==> flow/design.v <==
module sync_mul_mod #(
    parameter int DATA_W = 4
) (
    input  logic clk,
    input  logic rst,
    input  logic [DATA_W-1:0] in_first,
    input  logic [DATA_W-1:0] in_second,
    input  logic in_clear,
    output logic [2*DATA_W-1:0] out_res,
    output logic out_fin
);
    localparam int SW = $clog2(DATA_W + 1);
    logic [DATA_W-1:0] mcand;
    logic [SW-1:0] left;
    always_ff @(posedge clk or posedge rst) begin
        if (rst) begin
            mcand <= 0;
            left <= 0;
        end else begin
            mcand <= in_clear ? in_first : mcand;
            left <= in_clear ? DATA_W : (left != 0) ? left - 1'b1 : left;
        end
    end
    logic [2*DATA_W-1:0] run_sum;
    logic [DATA_W:0] work;
    assign work = run_sum[2*DATA_W-1:DATA_W] + (run_sum[0] ? mcand : {DATA_W{1'b0}});
    always_ff @(posedge clk or posedge rst) begin
        if (rst) begin
            run_sum <= 0;
        end else begin
            run_sum <= in_clear ? {{DATA_W{1'b0}}, in_second} : (left != 0) ? {work, run_sum[DATA_W-1:1]} : run_sum;
        end
    end
    assign out_res = run_sum;
    assign out_fin = (left == 0);
endmodule
; ---- From RTL to reports: sync_mul_mod
; What the tools print for sync_mul_mod, step after step.
; Line numbers count from 1 in the design file above.
; Library cell names are shortened.
; The mark - stands for no value.
[design]
design = sync_mul_mod
clock = clk
cell_library = sky130hd
corner = tt_025C_1v80

; ---- Word level
; Source: Yosys, flattened and elaborated, memories not mapped. Widths are those after wreduce. Registers that Yosys merges into a memory's read port (data or address) are not register bits. Print and check cells do not count. Equal cells are merged and count once.
[bits]
ff_bits = 15
[classes]
reduce_logical = 3
mux = 5
n_addsub = 2
[ops]
columns = op, count
row1 = 2-to-1 mux 8 bit, 2
row2 = 2-to-1 mux 3 bit, 2
row3 = adder 4 x 4 -> 5 bit, 1
row4 = 2-to-1 mux 4 bit, 1
row5 = subtractor 3 x 1 -> 3 bit with constant B, 1
row6 = logical NOT 3 bit, 1
row7 = nonzero test 3 bit, 1
row8 = nonzero test 2 bit, 1

; ---- Logic depth
; Yosys ltp: most cells in a row. Word level: on the elaborated netlist, between registers, memories and ports. Mapped: between sequential cells and ports; inverters and the memories' decode and read muxes count.
[logic_depth]
ltp_word = 4
abc_area = 1
ltp_mapped = 8
ltp_nobuf = 8

; ---- Netlist
; Yosys stat after the flow's synthesis: flattened, memories mapped to cells. It holds for the ABC_AREA given above (unset counts as 0); a run with the other value may have another netlist.
[synth_totals]
cells = 99
buf_cells = 1
mapped_area_mm2 = 0.0008446
ffs = 15
[types]
columns = cell, count, area_total_um2
row1 = dfrtp_1, 15, 375.36
row2 = nand2_1, 35, 131.376
row3 = ha_1, 6, 75.072
row4 = inv_1, 14, 52.55
row5 = nand3_1, 6, 30.029
row6 = fa_1, 1, 20.019
row7 = o21ai_4, 1, 16.266
row8 = o21ai_1, 3, 15.014
row9 = o211ai_2, 1, 12.512
row10 = o22ai_1, 2, 12.512
row11 = nand2_4, 1, 11.261
row12 = nor2_4, 1, 11.261
row13 = a21oi_1, 2, 10.01
row14 = o21ai_0, 2, 10.01
row15 = inv_6, 1, 8.758
row16 = xnor2_1, 1, 8.758
row17 = xor2_1, 1, 8.758
row18 = buf_4, 1, 7.507
; Other cell types: 5; their cells: 5.

; ---- Path before layout
; Source: OpenSTA report_checks on the synthesized netlist (no wires, ideal clock, input and output delay 20% of the period each), path of least setup slack; recovery checks are left aside. Register names are those of the netlist, which keeps one name where synthesis merged equal registers.
[synth_path]
path_kind = register to register
start = register run_sum[0]
end = register run_sum[5]
setup_time_ns = 0.133
period_ns = 2.02
required_ns = 1.887
arrival_time_ns = 1.370
path_delay_ns = 1.503
stages = 8
path_buffers = 0
slack_ns = 0.517
period_less_setup_slack_ns = 1.503
; "path_delay_ns" = arrival - input delay + setup time.
; "stages": output pins that drive a net of the path, with the launching flip-flop's if there is one; two outputs of one cell count as two.
; "period_less_setup_slack_ns" is the clock period less the worst setup slack; recovery checks do not enter. This is arithmetic on one report: input and output delays are still those of the set period (20% each).
; The rows between start and end are the longest chain of elaborated cells between them; the timing report does not say that the signal goes this way. Where chains are equally long, one stands for them.
; Each line given opens the expression or statement behind the cell; cells for indexed reads and writes are added by Yosys, which also makes memories of some case tables.
[synth_via]
path_cell_list = dfrtp_1 > nand2_1 > inv_1 > ha_1 > inv_1 > fa_1 > xor2_1 > o22ai_1
elab_chain_cells = 4
cells_between = 4
cone_lines = 2
[synth_rtl]
columns = item, line
row1 = from (decl), 24  ; logic [2*DATA_W-1:0] run_sum;
row2 = from (assign), 29  ; run_sum <= 0;
row3 = from (assign), 31  ; run_sum <= in_clear ? {{DATA_W{1'b0}}, in_second} : (left != 0) ? {work, run_sum[DATA_W-1:1]} : run_sum;
row4 = 2-to-1 mux 4 bit, 26  ; assign work = run_sum[2*DATA_W-1:DATA_W] + (run_sum[0] ? mcand : {DATA_W{1'b0}});
row5 = adder 4 x 4 -> 5 bit, 26
row6 = 2-to-1 mux 8 bit (2 in a row), 31
row7 = to (assign), 29
row8 = to (assign), 31
row9 = to (decl), 24

; ---- Worst path after layout
; Path of least setup slack in the final report of run A (OpenROAD, finished layout, wires in). Where an end is a register, its clock arrival counts in the times.
[layout_path]
path_kind = register to output
start = register left[0]
end = output out_fin
arrival_time_ns = 1.66
stages = 6
path_buffers = 1
period_ns = 2.67
slack_ns = 0.48
output_delay_ns = 0.53
required_ns = 2.14
; The rows between start and end are the longest chain of elaborated cells between them; the timing report does not say that the signal goes this way. Where chains are equally long, one stands for them.
[layout_via]
path_cell_list = dfrtp_1 > inv_1 > ha_1 > inv_1 > nor2_4 > clkdlybuf4s50_1
elab_chain_cells = 1
cells_between = 1
cone_lines = 1
[layout_rtl]
columns = item, line
row1 = from (decl), 14  ; logic [SW-1:0] left;
row2 = from (assign), 18  ; left <= 0;
row3 = from (assign), 21  ; left <= in_clear ? DATA_W : (left != 0) ? left - 1'b1 : left;
row4 = logical NOT 3 bit, 35  ; assign out_fin = (left == 0);
row5 = to (decl), 10  ; output logic out_fin

; Settings and measured results of 3 stored flow runs for module sync_mul_mod (sky130hd), not sorted in any way. The constraints put input and output delay at 20% of the set period each and load the outputs with 0.01 pF.
; "period_reached_ns" = clock period - worst setup slack. The figure is calculated, with input and output delays left at 20% of the set period.
; "worst_path_allowed_less_slack_ns" = time allowed to the worst setup path (clock period - input delay - output delay, where it has them) - its slack; a late launch clock adds to it, a late capture clock takes from it.
; "totalPower_w" is the tool's figure for a default switching activity; nothing was simulated.

[run A: settings]
period_ns = 2.67
CORE_UTILIZATION = 33
SETUP_SLACK_MARGIN = 0.03
PLACE_DENSITY = 0.36
CORE_ASPECT_RATIO = 0.61
CELL_PAD_IN_SITES_GLOBAL_PLACEMENT = 3
CELL_PAD_IN_SITES_DETAIL_PLACEMENT = 2
ABC_AREA = 1
GPL_ROUTABILITY_DRIVEN = 1
CAP_MARGIN = 20
MIN_ROUTING_LAYER = met1
MAX_ROUTING_LAYER = met4
CORE_MARGIN = 2
SLEW_MARGIN = 20
[run A: results]
synth_chip_area_mm2 = 0.0008446
die_mm2 = 0.0029922
post_route_stdcell_area_mm2 = 0.0011123
ws_setup_ns = 0.475
setup_tns_ns = 0.000
totalPower_w = 0.0008299
period_reached_ns = 2.195
worst_path_allowed_less_slack_ns = 1.66
worst_setup_path_type = register to output

[run B: settings]
period_ns = 2.02
CAP_MARGIN = 20
CORE_MARGIN = 2
CORE_UTILIZATION = 40
SLEW_MARGIN = 20
[run B: results]
synth_chip_area_mm2 = 0.0008283
die_mm2 = 0.0024508
post_route_stdcell_area_mm2 = 0.0010985
ws_setup_ns = 0.265
setup_tns_ns = 0.000
totalPower_w = 0.001167
period_reached_ns = 1.755
worst_path_allowed_less_slack_ns = 1.35
worst_setup_path_type = register to output

[run C: settings]
period_ns = 2.51
CORE_UTILIZATION = 71
GPL_ROUTABILITY_DRIVEN = 1
CTS_CLUSTER_DIAMETER = 232
CAP_MARGIN = 20
CORE_MARGIN = 2
SLEW_MARGIN = 20
[run C: results]
synth_chip_area_mm2 = 0.0008283
die_mm2 = 0.0014558
post_route_stdcell_area_mm2 = 0.001051
ws_setup_ns = 0.141
setup_tns_ns = 0.000
totalPower_w = 0.0009746
period_reached_ns = 2.369
worst_path_allowed_less_slack_ns = 1.87
worst_setup_path_type = register to output
